==> flow/design.v <==
module sync_mul_mod #(
    parameter int DATA_W = 6
) (
    input  logic clk,
    input  logic rst,
    input  logic [DATA_W-1:0] in_first,
    input  logic [DATA_W-1:0] in_second,
    input  logic in_clear,
    output logic [2*DATA_W-1:0] out_res,
    output logic out_fin
);
    localparam int SW = $clog2(DATA_W + 1);
    logic [DATA_W-1:0] mcand;
    logic [SW-1:0] left;
    always_ff @(posedge clk or posedge rst) begin
        if (rst) begin
            mcand <= 0;
            left <= 0;
        end else begin
            mcand <= in_clear ? in_first : mcand;
            left <= in_clear ? DATA_W : (left != 0) ? left - 1'b1 : left;
        end
    end
    logic [2*DATA_W-1:0] run_sum;
    logic [DATA_W:0] work;
    assign work = run_sum[2*DATA_W-1:DATA_W] + (run_sum[0] ? mcand : {DATA_W{1'b0}});
    always_ff @(posedge clk or posedge rst) begin
        if (rst) begin
            run_sum <= 0;
        end else begin
            run_sum <= in_clear ? {{DATA_W{1'b0}}, in_second} : (left != 0) ? {work, run_sum[DATA_W-1:1]} : run_sum;
        end
    end
    assign out_res = run_sum;
    assign out_fin = (left == 0);
endmodule
# Step by step through the tools: sync_mul_mod
# Tool output for the members of one design family, told apart by "DATA_W", in the order of the flow.
# The file above is the member DATA_W = 6. Line numbers count from 1 in each member's own file.
# Operators carry their Yosys type and port widths (W data, S select, Z words).
# A cell with n/a has no value.
[design] top_module="sync_mul_mod" clk_port="clk" lib="sky130hd" corner="tt_025C_1v80"

# Source of the members
# New or changed lines of each further member against the RTL above, in its own file; lines it lacks are not shown.
[src_changes] DATA_W=12 line_no=2 rtl="parameter int DATA_W = 12"
[src_changes] DATA_W=16 line_no=2 rtl="parameter int DATA_W = 16"
[src_changes] DATA_W=56 line_no=2 rtl="parameter int DATA_W = 56"

# Word-level counts
# Yosys after proc, flatten, opt, wreduce and memory -nomap, before mapping. Memory bits, and registers merged into a memory's read port (data or address), are not among the register bits. Print and check cells are not counted. Equal cells are merged and count once.
[bits] DATA_W=6 clocked_rd_ports_x_width=0 ramBits=0 romBits=0 mem_count=0 ff_bits=21 latch_bits=0 wordCells=13
[bits] DATA_W=12 clocked_rd_ports_x_width=0 ramBits=0 romBits=0 mem_count=0 ff_bits=40 latch_bits=0 wordCells=13
[bits] DATA_W=16 clocked_rd_ports_x_width=0 ramBits=0 romBits=0 mem_count=0 ff_bits=53 latch_bits=0 wordCells=13
[bits] DATA_W=56 clocked_rd_ports_x_width=0 ramBits=0 romBits=0 mem_count=0 ff_bits=174 latch_bits=0 wordCells=13
[classes] DATA_W=6 n_div=0 reduce_and_logical=3 logic=0 n_shift=0 muxes=5 addsub=2 n_cmp=0 eq_ne=0 n_mul=0
[classes] DATA_W=12 n_div=0 reduce_and_logical=3 logic=0 n_shift=0 muxes=5 addsub=2 n_cmp=0 eq_ne=0 n_mul=0
[classes] DATA_W=16 n_div=0 reduce_and_logical=3 logic=0 n_shift=0 muxes=5 addsub=2 n_cmp=0 eq_ne=0 n_mul=0
[classes] DATA_W=56 n_div=0 reduce_and_logical=3 logic=0 n_shift=0 muxes=5 addsub=2 n_cmp=0 eq_ne=0 n_mul=0
[ops] DATA_W=6 operators="2 x $mux W12; 1 x $add A6 B6 Y7; 1 x $mux W6; 2 x $mux W3; 1 x $sub A3 B1 Y3 const B; 1 x $logic_not A3 Y1; 1 x $reduce_bool A3 Y1; 1 x $reduce_bool A2 Y1"
[ops] DATA_W=12 operators="2 x $mux W24; 1 x $add A12 B12 Y13; 1 x $mux W12; 2 x $mux W4; 1 x $sub A4 B1 Y4 const B; 1 x $logic_not A4 Y1; 1 x $reduce_bool A4 Y1; 1 x $reduce_bool A2 Y1"
[ops] DATA_W=16 operators="2 x $mux W32; 1 x $add A16 B16 Y17; 1 x $mux W16; 2 x $mux W5; 1 x $sub A5 B1 Y5 const B; 1 x $logic_not A5 Y1; 1 x $reduce_bool A5 Y1; 1 x $reduce_bool A2 Y1"
[ops] DATA_W=56 operators="2 x $mux W112; 1 x $add A56 B56 Y57; 1 x $mux W56; 2 x $mux W6; 1 x $sub A6 B1 Y6 const B; 1 x $logic_not A6 Y1; 1 x $reduce_bool A6 Y1; 1 x $reduce_bool A2 Y1"

# Depth
# Longest topological path by Yosys (ltp), each cell counted once; first at word level (registers and memories cut), then after technology mapping (sequential cells cut; the memories' decode and read muxes count).
[depth] DATA_W=6 word_depth=4 abc_area=0 depth_mapped=8 ltp_nobuf=8
[depth] DATA_W=12 word_depth=4 abc_area=0 depth_mapped=11 ltp_nobuf=10
[depth] DATA_W=16 word_depth=4 abc_area=0 depth_mapped=11 ltp_nobuf=10
[depth] DATA_W=56 word_depth=4 abc_area=0 depth_mapped=14 ltp_nobuf=13

# After synthesis
# Yosys stat after the flow's synthesis: flattened, memories mapped to cells. It holds for the ABC_AREA given above (unset counts as 0); a run with the other value may have another netlist.
# Totals and module areas in this step are rounded.
[by_type] DATA_W=6 cell_types="21 x sky130_fd_sc_hd__dfrtp_1; 8 x sky130_fd_sc_hd__ha_1; 6 x sky130_fd_sc_hd__mux2_2; 6 x sky130_fd_sc_hd__mux2i_1; 9 x sky130_fd_sc_hd__o21ai_0; 6 x sky130_fd_sc_hd__and2_1; 10 x sky130_fd_sc_hd__nand2_1; 8 x sky130_fd_sc_hd__inv_1; 3 x sky130_fd_sc_hd__a211oi_1; 6 x sky130_fd_sc_hd__nor2_1; 1 x sky130_fd_sc_hd__fa_1; 2 x sky130_fd_sc_hd__a21o_1; 3 x sky130_fd_sc_hd__a21oi_1; 2 x sky130_fd_sc_hd__buf_4; 3 x sky130_fd_sc_hd__nand3_1; 2 x sky130_fd_sc_hd__nand3b_1; 1 x sky130_fd_sc_hd__a2111o_1; 1 x sky130_fd_sc_hd__nand3_2; [+16]"
[by_type] DATA_W=12 cell_types="40 x sky130_fd_sc_hd__dfrtp_1; 13 x sky130_fd_sc_hd__ha_1; 12 x sky130_fd_sc_hd__mux2_2; 12 x sky130_fd_sc_hd__mux2i_1; 25 x sky130_fd_sc_hd__nand2_1; 11 x sky130_fd_sc_hd__and2_1; 6 x sky130_fd_sc_hd__xnor2_1; 10 x sky130_fd_sc_hd__a21oi_1; 10 x sky130_fd_sc_hd__o21ai_1; 8 x sky130_fd_sc_hd__nor2_1; 3 x sky130_fd_sc_hd__a22o_1; 7 x sky130_fd_sc_hd__inv_1; 3 x sky130_fd_sc_hd__xor2_1; 3 x sky130_fd_sc_hd__a211oi_1; 3 x sky130_fd_sc_hd__a21o_1; 2 x sky130_fd_sc_hd__buf_6; 6 x sky130_fd_sc_hd__clkbuf_1; 1 x sky130_fd_sc_hd__buf_12; [+40]"
[by_type] DATA_W=16 cell_types="53 x sky130_fd_sc_hd__dfrtp_1; 18 x sky130_fd_sc_hd__ha_1; 16 x sky130_fd_sc_hd__mux2_2; 18 x sky130_fd_sc_hd__mux2i_1; 33 x sky130_fd_sc_hd__nand2_1; 23 x sky130_fd_sc_hd__a21oi_1; 23 x sky130_fd_sc_hd__o21ai_0; 16 x sky130_fd_sc_hd__and2_1; 21 x sky130_fd_sc_hd__nor2_1; 10 x sky130_fd_sc_hd__a211oi_1; 7 x sky130_fd_sc_hd__a21o_1; 5 x sky130_fd_sc_hd__xnor2_1; 7 x sky130_fd_sc_hd__nand3_1; 9 x sky130_fd_sc_hd__clkbuf_1; 8 x sky130_fd_sc_hd__inv_1; 4 x sky130_fd_sc_hd__nor3b_1; 3 x sky130_fd_sc_hd__xor2_1; 5 x sky130_fd_sc_hd__buf_2; [+46]"
[by_type] DATA_W=56 cell_types="174 x sky130_fd_sc_hd__dfrtp_1; 58 x sky130_fd_sc_hd__ha_1; 56 x sky130_fd_sc_hd__mux2_2; 153 x sky130_fd_sc_hd__nand2_1; 57 x sky130_fd_sc_hd__mux2i_1; 103 x sky130_fd_sc_hd__a21oi_1; 94 x sky130_fd_sc_hd__o21ai_0; 60 x sky130_fd_sc_hd__and2_1; 26 x sky130_fd_sc_hd__a21o_1; 22 x sky130_fd_sc_hd__xnor2_1; 48 x sky130_fd_sc_hd__clkbuf_1; 45 x sky130_fd_sc_hd__nor2_1; 29 x sky130_fd_sc_hd__nand3_1; 16 x sky130_fd_sc_hd__xor2_1; 17 x sky130_fd_sc_hd__a211oi_1; 16 x sky130_fd_sc_hd__and3_1; 11 x sky130_fd_sc_hd__o21a_1; 11 x sky130_fd_sc_hd__nand4_1; [+173]"
# A list marked [+n] leaves out that many cells.
[synth_totals] DATA_W=6 area_um2=1200 flip_flops=21 mapped_cells=114
[synth_totals] DATA_W=12 area_um2=2300 flip_flops=40 mapped_cells=215
[synth_totals] DATA_W=16 area_um2=3200 flip_flops=53 mapped_cells=325
[synth_totals] DATA_W=56 area_um2=11000 flip_flops=174 mapped_cells=1169

# Worst setup path after synthesis
# OpenSTA on the mapped netlist: ideal clock, no wires. The path of least setup slack (recovery checks aside). Input and output delay are each 20% of the period. Register names are those of the netlist, which keeps one name where synthesis merged equal registers.
[synth_timing] DATA_W=6 path_type="register to register" start="register run_sum[0]" end="register run_sum[9]" tclk_ns=2.28 slack_ns=0.453 stages=9 path_delay_ns=1.827 synth_period_reached_ns=1.827
[synth_timing] DATA_W=12 path_type="register to register" start="register run_sum[0]" end="register run_sum[21]" tclk_ns=2.98 slack_ns=0.596 stages=12 path_delay_ns=2.384 synth_period_reached_ns=2.384
[synth_timing] DATA_W=16 path_type="register to register" start="register run_sum[0]" end="register run_sum[23]" tclk_ns=3.14 slack_ns=0.631 stages=12 path_delay_ns=2.509 synth_period_reached_ns=2.509
[synth_timing] DATA_W=56 path_type="register to register" start="register run_sum[0]" end="register run_sum[110]" tclk_ns=4.12 slack_ns=0.828 stages=14 path_delay_ns=3.293 synth_period_reached_ns=3.292
# "path_delay_ns" = arrival - input delay + setup time.
# "stages": output pins that drive a net of the path, with the launching flip-flop's if there is one; two outputs of one cell count as two.
# "synth_period_reached_ns" is the clock period less the worst setup slack; recovery checks do not enter. This is arithmetic on one report: input and output delays are still those of the set period (20% each).
# Between the ends stands the longest chain of elaborated cells between them, by number of cells; it is not shown to be the way that was timed. Of several equally long chains one is given.
# A line is the first line of the expression or statement that the cell stems from. Yosys adds cells for indexed reads and writes and turns some case tables into memories.
[synth_between_DATA_W_6] elab_chain_cells=4
[synth_rtl_DATA_W_6] element="start, declared" line_no=24 rtl="logic [2*DATA_W-1:0] run_sum;"
[synth_rtl_DATA_W_6] element="start, assigned" line_no=29 rtl="run_sum <= 0;"
[synth_rtl_DATA_W_6] element="start, assigned" line_no=31 rtl="run_sum <= in_clear ? {{DATA_W{1'b0}}, in_second} : (left != 0) ? {work, run_sum[DATA_W-1:1]} : run_sum;"
[synth_rtl_DATA_W_6] element="$mux W6" line_no=26 rtl="assign work = run_sum[2*DATA_W-1:DATA_W] + (run_sum[0] ? mcand : {DATA_W{1'b0}});"
[synth_rtl_DATA_W_6] element="$add A6 B6 Y7" line_no=26
[synth_rtl_DATA_W_6] element="$mux W12 (2 in a row)" line_no=31
[synth_rtl_DATA_W_6] element="end, assigned" line_no=29
[synth_rtl_DATA_W_6] element="end, assigned" line_no=31
[synth_rtl_DATA_W_6] element="end, declared" line_no=24
[synth_between_DATA_W_56] elab_chain_cells=4
[synth_rtl_DATA_W_56] element="start, declared" line_no=24 rtl="logic [2*DATA_W-1:0] run_sum;"
[synth_rtl_DATA_W_56] element="start, assigned" line_no=29 rtl="run_sum <= 0;"
[synth_rtl_DATA_W_56] element="start, assigned" line_no=31 rtl="run_sum <= in_clear ? {{DATA_W{1'b0}}, in_second} : (left != 0) ? {work, run_sum[DATA_W-1:1]} : run_sum;"
[synth_rtl_DATA_W_56] element="$mux W56" line_no=26 rtl="assign work = run_sum[2*DATA_W-1:DATA_W] + (run_sum[0] ? mcand : {DATA_W{1'b0}});"
[synth_rtl_DATA_W_56] element="$add A56 B56 Y57" line_no=26
[synth_rtl_DATA_W_56] element="$mux W112 (2 in a row)" line_no=31
[synth_rtl_DATA_W_56] element="end, assigned" line_no=29
[synth_rtl_DATA_W_56] element="end, assigned" line_no=31
[synth_rtl_DATA_W_56] element="end, declared" line_no=24

# Worst path after layout
# Path of least setup slack in the final report of the run of each member (OpenROAD, finished layout, wires in). Where an end is a register, its clock arrival counts in the times.
[layout_timing] DATA_W=6 path_type="register to output" start="register left[0]" end="output out_fin" tclk_ns=2.28 arrival_ns=1.68 slack_ns=0.14 stages=6 n_path_buf=1
[layout_timing] DATA_W=12 path_type="register to output" start="register left[0]" end="output out_fin" tclk_ns=2.98 arrival_ns=2.23 slack_ns=0.16 stages=7 n_path_buf=1
[layout_timing] DATA_W=16 path_type="register to register" start="register run_sum[0]" end="register run_sum[31]" tclk_ns=3.14 arrival_ns=2.85 slack_ns=0.51 stages=11 n_path_buf=0
[layout_timing] DATA_W=56 path_type="register to register" start="register run_sum[0]" end="register run_sum[111]" tclk_ns=4.12 arrival_ns=3.96 slack_ns=0.50 stages=16 n_path_buf=2

# Flow runs
# Settings and results of one run of the flow (Yosys, OpenROAD) for each member follow. The constraints put input and output delay at 20% of the set period each and load the outputs with 0.01 pF.
[flow_settings] CAP_MARGIN=20 CORE_MARGIN=2 CORE_UTILIZATION=40 SLEW_MARGIN=20
[settings_diff] DATA_W=6 period_ns=2.28
[settings_diff] DATA_W=12 period_ns=2.98
[settings_diff] DATA_W=16 period_ns=3.14
[settings_diff] DATA_W=56 period_ns=4.12
[measured] DATA_W=6 final_power_w=0.00091 achieved_period_ns=2.135 tns_ns=0.000 ys_area_um2=1200 die_area_um2=3400 fin_util_pct=55 final_stdcell_area_um2=1500 fin_ws_ns=0.14
[measured] DATA_W=12 final_power_w=0.0015 achieved_period_ns=2.823 tns_ns=0.000 ys_area_um2=2300 die_area_um2=6300 fin_util_pct=53 final_stdcell_area_um2=2900 fin_ws_ns=0.16
[measured] DATA_W=16 final_power_w=0.0028 achieved_period_ns=2.629 tns_ns=0.000 ys_area_um2=3200 die_area_um2=8600 fin_util_pct=53 final_stdcell_area_um2=4100 fin_ws_ns=0.51
[measured] DATA_W=56 final_power_w=0.0054 achieved_period_ns=3.621 tns_ns=0.000 ys_area_um2=11000 die_area_um2=28000 fin_util_pct=52 final_stdcell_area_um2=14000 fin_ws_ns=0.50
# "achieved_period_ns" is the run's clock period less its worst setup slack. It is reckoned from that one timing run; input and output delays stay at 20% of the period that was set.
# "final_power_w" rests on the timing tool's default activity at the inputs, not on a simulated workload.
# Results are given in rounded form.
